==> flow/design.v <==
module reg_bank_p #(
  parameter integer NUM_REGS = 10,
  parameter integer DW = 32,
  parameter integer IDX_W = $clog2(NUM_REGS)
) (
  input  logic core_clk,
  input  logic RST,
  input  logic wr,
  input  logic [IDX_W-1:0] wr_addr,
  input  logic [DW-1:0] din,
  input  logic [IDX_W-1:0] read_addr,
  output logic [DW-1:0] rd_data
);
  logic wr_reg;
  logic [IDX_W-1:0] wr_addr_reg;
  logic [DW-1:0] din_reg;
  logic [DW-1:0] bank [0:NUM_REGS-1];
  always_ff @(posedge core_clk) begin
    if (wr_reg)
      bank[wr_addr_reg] <= din_reg;
  end
  logic [IDX_W-1:0] read_addr_reg;
  always_ff @(posedge core_clk) begin
    if (RST) begin
      wr_reg <= 1'b0;
      wr_addr_reg <= 0;
      din_reg <= 0;
      read_addr_reg <= 0;
      rd_data <= 0;
    end else begin
      wr_reg <= wr;
      wr_addr_reg <= wr_addr;
      din_reg <= din;
      read_addr_reg <= read_addr;
      rd_data <= bank[read_addr_reg];
    end
  end
endmodule
### Step by step through the tools: reg_bank_p

The steps from the RTL of reg_bank_p to its reports follow in flow order.
Line numbers count from 1 in the design file above.
Library cell names are shortened.
The mark n/a stands for no value.

| inputs | value |
|---|---|
| top module | reg_bank_p |
| clock | core_clk |
| library | sky130hd |
| timing corner | tt_025C_1v80 |

### Word level

Source: Yosys, flattened and elaborated, memories not mapped. Widths are those after wreduce; folded enables and synchronous resets count as part of the registers. Registers that Yosys merges into a memory's read port (data or address) are not register bits. Print and check cells do not count. Equal cells are merged and count once.
Memory sizes are those after Yosys's memory passes, which may raise the word count (mostly to a power of two), join words into wider ones and drop unused or constant bits.

| bit counts | value |
|---|---|
| input bits | 43 |
| clocked read ports x word width | 32 |
| output and inout bits | 32 |
| flip-flop bits (word level) | 41 |
| memory cells | 1 |
| bits in writable memories | 320 |
| word-level cells | 8 |

| operators by class | value |
|---|---|
| muxes and demuxes | 3 |

Memories:

| name | depth | bits a word | rd ports | wr ports | RTL line | source |
|---|---|---|---|---|---|---|
| bank | 10 | 32 | 1 | 1 | 17 | `logic [DW-1:0] bank [0:NUM_REGS-1];` |

Operators by type and width:

| cell | count |
|---|---|
| 2-to-1 mux 32 bit | 1 |
| 2-to-1 mux 4 bit | 1 |
| 2-to-1 mux 1 bit | 1 |

### Logic depth

Longest topological path by Yosys (ltp), each cell counted once; first at word level (registers and memories cut), then after technology mapping (sequential cells cut; the memories' decode and read muxes count).

| depth | value |
|---|---|
| word-level depth | 1 |
| ABC_AREA | 0 |
| mapped depth | 7 |
| mapped depth without buffers | 4 |

### Mapped cells and area

Source: synth_stat.txt of the flow (Yosys; design flattened, memories mapped). It holds for the ABC_AREA given above (unset counts as 0); a run with the other value may have another netlist.
The area totals of this step are shown rounded.

| mapped netlist | value |
|---|---|
| mapped flip-flops | 393 |
| standard cells after synthesis | 790 |
| chip area (Yosys) | 14300 um^2 |

Cell types:

| cell | count | area in all (um^2) |
|---|---|---|
| edfxtp_1 | 320 | 9.61E+03 |
| mux2i_1 | 160 | 1.6E+03 |
| dfxtp_1 | 73 | 1.46E+03 |
| a22oi_1 | 64 | 480.461 |
| nor2b_1 | 43 | 269.008 |
| a211oi_1 | 31 | 232.723 |
| a21oi_1 | 32 | 160.154 |
| buf_12 | 8 | 160.154 |
| clkbuf_1 | 20 | 75.072 |
| buf_2 | 10 | 50.048 |
| buf_6 | 4 | 45.043 |
| clkbuf_4 | 5 | 37.536 |
| nor2_1 | 8 | 30.029 |
| nand3b_1 | 2 | 15.014 |
| nor3_1 | 3 | 15.014 |
| a211oi_2 | 1 | 12.512 |
| nand2b_1 | 2 | 12.512 |
| or3b_2 | 1 | 8.758 |

Other cell types: 3; their cells: 3.

### Timing after synthesis

Path of least setup slack by OpenSTA after synthesis, without wires, with an ideal clock, recovery checks aside; 20% of the period is set as input and as output delay. Where synthesis merged equal registers, the netlist keeps one of their names.

| timing post-synthesis | value |
|---|---|
| kind | register to register |
| start | register wr_reg |
| end | memory bank[0][0] |
| clock period | 4.35 ns |
| setup time | 0.461 ns |
| arrival time | 3.022 ns |
| required time | 3.889 ns |
| path slack | 0.867 ns |
| launch time at the first pin | 0.000 ns |
| stages on the path | 3 |
| delay of the path | 3.483 ns |
| synthesis period reached | 3.483 ns |

"delay of the path" is the arrival time less input delay plus setup time.
"stages on the path": output pins that drive a net of the path, with the launching flip-flop's if there is one; two outputs of one cell count as two.
"synthesis period reached" is the clock period less the worst setup slack; recovery checks do not enter. This is arithmetic on one report: input and output delays are still those of the set period (20% each).
The rows between start and end are the longest chain of elaborated cells between them; the timing report does not say that the signal goes this way. Where chains are equally long, one stands for them.
A line is the first line of the expression or statement that the cell stems from. Yosys adds cells for indexed reads and writes and turns some case tables into memories.
Only ways into the end's enable, where the timed path ends, are counted here.

| on the way, post-synthesis | value |
|---|---|
| cell sequence | dfxtp_1 -> or3b_2 -> nor3_1 |
| cells in the longest elaborated chain | 1 |

Ends and longest elaborated chain, post-synthesis:

| element | RTL line | source |
|---|---|---|
| from (decl) | 14 | `logic wr_reg;` |
| from (assign) | 25 | `wr_reg <= 1'b0;` |
| from (assign) | 31 | `wr_reg <= wr;` |
| 2-to-1 mux 4 bit | 19 | `if (wr_reg)` |
| to (decl) | 17 | `logic [DW-1:0] bank [0:NUM_REGS-1];` |

### Worst path after layout

From the final timing report of record 1: the path of least setup slack in the routed layout; clock arrival at registers is part of the times.

| timing after layout | value |
|---|---|
| kind | register to output |
| start | register rd_data[27] |
| end | output rd_data[27] |
| stages on the path | 2 |
| clock period | 4.35 ns |
| launch time at the first pin | 0.53 ns |
| arrival time | 1.51 ns |
| external output delay | 0.87 ns |
| required time | 3.48 ns |
| path slack | 1.97 ns |

| on the way, after layout | value |
|---|---|
| cell sequence | dfxtp_1 -> clkdlybuf4s50_1 |
| cells in the longest elaborated chain | 0 |

Ends and longest elaborated chain, after layout:

| element | RTL line | source |
|---|---|---|
| from (decl) | 12 | `output logic [DW-1:0] rd_data` |
| to (decl) | 12 |  |

## Implementation results

Below are 2 stored runs of the flow (Yosys, OpenROAD; platform sky130hd) on reg_bank_p, each with its settings and what was measured, unordered. Constraints: input delay and output delay 20% of the set period each, output load 0.01 pF.
"clock period reached" = clock period - worst setup slack. The figure is calculated, with input and output delays left at 20% of the set period.
By "time used up by the worst setup path" is meant the share of the clock period that the worst setup path is allowed (20% is reserved at inputs, 20% at outputs), minus its slack. Clock arrival times at its registers enter into it.
"power consumption" is the tool's figure for a default switching activity; nothing was simulated.
Results are given in rounded form.
Settings: . = not set for that run.

| stored run | period_ns | CAP_MARGIN | CORE_MARGIN | CORE_UTILIZATION | SLEW_MARGIN | PLACE_DENSITY_LB_ADDON | TNS_END_PERCENT | ABC_AREA | CTS_CLUSTER_SIZE | time used up by the worst setup path (ns) | worst setup path kind | worst hold slack after layout (ns) | total negative slack (ns) | setup slack of the worst path (ns) | total die area (um^2) | utilization in the final report (%) | power consumption (W) | netlist area reported by Yosys (um^2) | clock period reached (ns) | standard-cell area of the final layout (um^2) |
|---|---|---|---|---|---|---|---|---|---|---|---|---|---|---|---|---|---|---|---|---|
| record 1 | 4.35 | 20 | 2 | 40 | 20 | . | . | . | . | 1.51 | register to output | 0.573 | 0.000 | 1.97 | 37300 | 47.2 | 0.00769 | 14300 | 2.382 | 16700 |
| record 2 | 6.67 | 20 | 2 | 52 | 0 | 0.21 | 70 | 1 | 96 | 2.90 | register to register | 0.576 | 0.000 | 3.77 | 31300 | 60.9 | 0.00536 | 15500 | 2.897 | 18000 |
